==> flow/design.v <==
module sh_core_v2 #(
   parameter DWIDTH = 8,
   parameter SEL_WIDTH = $clog2(DWIDTH)
) (
   input  clock,
   input  reset,
   input  [DWIDTH-1:0] in_src,
   input  [SEL_WIDTH-1:0] in_n,
   output [DWIDTH-1:0] out_dout
);
   reg [DWIDTH-1:0] src_d1;
   reg [SEL_WIDTH-1:0] n_d1;
   reg [DWIDTH-1:0] nxt_d1;
   reg [1:0] n_d1_lo;
   reg [DWIDTH-1:0] dout_d1;
   assign out_dout = dout_d1;
   always @(posedge clock) begin
      if (reset) begin
         src_d1 <= 0;
         n_d1 <= 0;
         nxt_d1 <= 0;
         n_d1_lo <= 0;
         dout_d1 <= 0;
      end else begin
         src_d1 <= in_src;
         n_d1 <= in_n;
         nxt_d1 <= src_d1 << {n_d1[SEL_WIDTH-1:2], 2'b00};
         n_d1_lo <= n_d1[1:0];
         dout_d1 <= nxt_d1 << n_d1_lo;
      end
   end
endmodule
Memo
Re: synthesis data of sh_core_v2

Tool chain data of sh_core_v2
A sweep over "DWIDTH": the same steps for each member of the family.
The file above is the member DWIDTH = 8. Line numbers count from 1 in each member's own file.
Cell names lack the library's common part.
Not given: n/a
Design
  design top: sh_core_v2
  clock input: clock
  standard-cell library: sky130hd
  corner: tt_025C_1v80

Source of the members
Lines of each other member's file that are new or changed against the file above; lines that a member lacks are not shown.
Lines new or changed
  DWIDTH 16: RTL line 2  | parameter DWIDTH = 16,
  DWIDTH 24: RTL line 2  | parameter DWIDTH = 24,

Elaborated design
Yosys after proc, flatten, opt, wreduce and memory -nomap, before mapping. Enables and synchronous resets that opt folds into registers are not counted as muxes. Memory bits, and registers merged into a memory's read port (data or address), are not among the register bits. Print and check cells are not counted. Equal cells are merged and count once.
Cells by class
  DWIDTH 8: $lt $le $gt $ge 0, muxes and demuxes 0, div/mod/pow operators 0, bitwise logic cells 0, reduce/logical cells 0, $mul 0, add/subtract/negate cells 0, shifts and indexed selects 2, eq/ne operators 0
  DWIDTH 16: $lt $le $gt $ge 0, muxes and demuxes 0, div/mod/pow operators 0, bitwise logic cells 0, reduce/logical cells 0, $mul 0, add/subtract/negate cells 0, shifts and indexed selects 2, eq/ne operators 0
  DWIDTH 24: $lt $le $gt $ge 0, muxes and demuxes 0, div/mod/pow operators 0, bitwise logic cells 0, reduce/logical cells 0, $mul 0, add/subtract/negate cells 0, shifts and indexed selects 2, eq/ne operators 0
Operator list (kinds with counts)
  DWIDTH 8: << shifter 8 x 2 -> 8 bit (1); << shifter 8 x 3 -> 8 bit (1)
  DWIDTH 16: << shifter 16 x 2 -> 16 bit (1); << shifter 16 x 4 -> 16 bit (1)
  DWIDTH 24: << shifter 24 x 2 -> 24 bit (1); << shifter 24 x 5 -> 24 bit (1)
Bit counts
  DWIDTH 8: bits in latches 0, word width x clocked read ports 0, input port bits 13, bits in writable memories 0, bits in read-only memories 0, memory cells 0, output and inout bits 8, bits in registers 29
  DWIDTH 16: bits in latches 0, word width x clocked read ports 0, input port bits 22, bits in writable memories 0, bits in read-only memories 0, memory cells 0, output and inout bits 16, bits in registers 54
  DWIDTH 24: bits in latches 0, word width x clocked read ports 0, input port bits 31, bits in writable memories 0, bits in read-only memories 0, memory cells 0, output and inout bits 24, bits in registers 79

Depth
Longest topological path by Yosys (ltp), each cell counted once; first at word level (registers and memories cut), then after technology mapping (sequential cells cut; the memories' decode and read muxes count).
Depth
  DWIDTH 8: depth in word-level cells 1, ABC_AREA 0, gate-level depth with buffers 3, mapped depth without buffers 3
  DWIDTH 16: depth in word-level cells 1, ABC_AREA 0, gate-level depth with buffers 4, mapped depth without buffers 3
  DWIDTH 24: depth in word-level cells 1, ABC_AREA 0, gate-level depth with buffers 5, mapped depth without buffers 3

Netlist
The flow's flattened synthesis, as Yosys stat reports it; memories are mapped. The netlist is that of the ABC_AREA named above (0 if unset); the other value can give another one.
The area totals of this step are shown rounded.
Synthesis totals
  DWIDTH 8: buffers 5, cell area after synthesis 949.7 um^2, flip-flop cells 29, area of sequential cells 580.6 um^2, cells in the netlist 80
  DWIDTH 16: buffers 12, cell area after synthesis 1869 um^2, flip-flop cells 54, area of sequential cells 1081 um^2, cells in the netlist 163
  DWIDTH 24: buffers 21, cell area after synthesis 3149 um^2, flip-flop cells 79, area of sequential cells 1582 um^2, cells in the netlist 268
Cell types (type and count)
  DWIDTH 8: dfxtp_1 (29); mux2i_1 (11); nor2b_1 (10); and2b_1 (4); and2_1 (4); o22ai_1 (4); nor2_1 (6); a211oi_1 (2); nor3b_2 (1); o22ai_2 (1); buf_6 (1); nand2b_2 (1); buf_4 (1); nand2b_1 (1); or2_1 (1); buf_2 (1); clkbuf_2 (1); clkbuf_1 (1)
  DWIDTH 16: dfxtp_1 (54); mux2i_1 (23); nor2b_1 (26); o22ai_1 (17); a211oi_1 (10); nand2b_1 (6); buf_6 (3); buf_2 (6); and2_1 (4); buf_4 (3); nor2_1 (5); nor3b_2 (1); or2_1 (2); and2b_1 (1); or2b_1 (1); nor2_2 (1)
  DWIDTH 24: dfxtp_1 (79); mux4_2 (20); nor2b_1 (54); mux2i_1 (15); mux2_2 (11); nor2_1 (16); nand2_1 (15); a211oi_1 (6); buf_6 (4); a2bb2oi_1 (4); buf_2 (7); o211ai_1 (4); clkbuf_1 (7); a31oi_1 (4); and3_1 (4); nand2b_1 (4); nor4b_1 (2); or4bb_1 (1); [+11]
The mark [+n] counts cells that are not listed.

Worst setup path after synthesis
Path of least setup slack by OpenSTA after synthesis, without wires, with an ideal clock, recovery checks aside; 20% of the period is set as input and as output delay. Where synthesis merged equal registers, the netlist keeps one of their names.
Timing post-synthesis
  DWIDTH 8: path kind reg2reg, start register n_d1_lo[0], end register dout_d1[3], period 1170 ps, path delay 933 ps, stages 4, slack 237 ps, period reached after synthesis 933 ps
  DWIDTH 16: path kind reg2reg, start register n_d1_lo[0], end register dout_d1[3], period 1320 ps, path delay 1056 ps, stages 5, slack 264 ps, period reached after synthesis 1056 ps
  DWIDTH 24: path kind reg2reg, start register n_d1_lo[0], end register dout_d1[10], period 1710 ps, path delay 1366 ps, stages 5, slack 344 ps, period reached after synthesis 1366 ps
"path delay" = arrival - input delay + setup time.
"stages": output pins that drive a net of the path, with the launching flip-flop's if there is one; two outputs of one cell count as two.
"period reached after synthesis" is the clock period less the worst setup slack; recovery checks do not enter. This is arithmetic on one report: input and output delays are still those of the set period (20% each).
Between the ends stands the longest chain of elaborated cells between them, by number of cells; it is not shown to be the way that was timed. Of several equally long chains one is given.
A line is the first line of the expression or statement that the cell stems from. Yosys adds cells for indexed reads and writes and turns some case tables into memories.
On the way, post-synthesis, DWIDTH = 8
  cells in the longest elaborated chain: 1
Ends and longest elaborated chain, post-synthesis, DWIDTH = 8
  start: declaration: RTL line 14  | reg [1:0] n_d1_lo;
  start: assignment: RTL line 22  | n_d1_lo <= 0;
  start: assignment: RTL line 28  | n_d1_lo <= n_d1[1:0];
  << shifter 8 x 2 -> 8 bit: RTL line 29  | dout_d1 <= nxt_d1 << n_d1_lo;
  end: assignment: RTL line 23  | dout_d1 <= 0;
  end: assignment: RTL line 29
  end: declaration: RTL line 15  | reg [DWIDTH-1:0] dout_d1;
On the way, post-synthesis, DWIDTH = 24
  cells in the longest elaborated chain: 1
Ends and longest elaborated chain, post-synthesis, DWIDTH = 24
  start: declaration: RTL line 14  | reg [1:0] n_d1_lo;
  start: assignment: RTL line 22  | n_d1_lo <= 0;
  start: assignment: RTL line 28  | n_d1_lo <= n_d1[1:0];
  << shifter 24 x 2 -> 24 bit: RTL line 29  | dout_d1 <= nxt_d1 << n_d1_lo;
  end: assignment: RTL line 23  | dout_d1 <= 0;
  end: assignment: RTL line 29
  end: declaration: RTL line 15  | reg [DWIDTH-1:0] dout_d1;

Path in the finished layout
Path of least setup slack in the final report of each member's run (OpenROAD, finished layout, wires in). Where an end is a register, its clock arrival counts in the times.
The report prints the path's times to 10 ps; the period is as set.
Timing after layout
  DWIDTH 8: path kind reg2out, start register dout_d1[6], end output port out_dout[6], buffers on the path 1, period 1170 ps, slack 50 ps, stages 2, arrival time 890 ps
  DWIDTH 16: path kind in2reg, start input port reset, end register nxt_d1[1], buffers on the path 1, period 1320 ps, slack 110 ps, stages 4, arrival time 1410 ps
  DWIDTH 24: path kind reg2out, start register dout_d1[22], end output port out_dout[22], buffers on the path 1, period 1710 ps, slack 190 ps, stages 2, arrival time 1180 ps

Flow runs
Settings and results of one run of the flow (Yosys, OpenROAD) for each member follow. The constraints put input and output delay at 20% of the set period each and load the outputs with 0.01 pF.
Flow settings
  CAP_MARGIN: 20
  CORE_MARGIN: 2
  CORE_UTILIZATION: 40
  SLEW_MARGIN: 20
Settings by member (period_ns)
  DWIDTH 8: 1.17
  DWIDTH 16: 1.32
  DWIDTH 24: 1.71
Results
  DWIDTH 8: worst hold slack in the final report 437 ps, die outline area 2780 um^2, standard-cell area after routing 1259 um^2, summed negative setup slack 0 ps, cell area after synthesis 949.7 um^2, power consumption 1.859 mW, worst setup slack after layout 51 ps
  DWIDTH 16: worst hold slack in the final report 453 ps, die outline area 5236 um^2, standard-cell area after routing 2375 um^2, summed negative setup slack 0 ps, cell area after synthesis 1869 um^2, power consumption 3.101 mW, worst setup slack after layout 115 ps
  DWIDTH 24: worst hold slack in the final report 363 ps, die outline area 8599 um^2, standard-cell area after routing 4010 um^2, summed negative setup slack 0 ps, cell area after synthesis 3149 um^2, power consumption 3.719 mW, worst setup slack after layout 187 ps
By "power consumption" is meant OpenSTA's value without simulated activity: inputs other than the clock are taken to toggle once in ten clock periods, and the tool carries that through the logic.
Measured values are rounded.
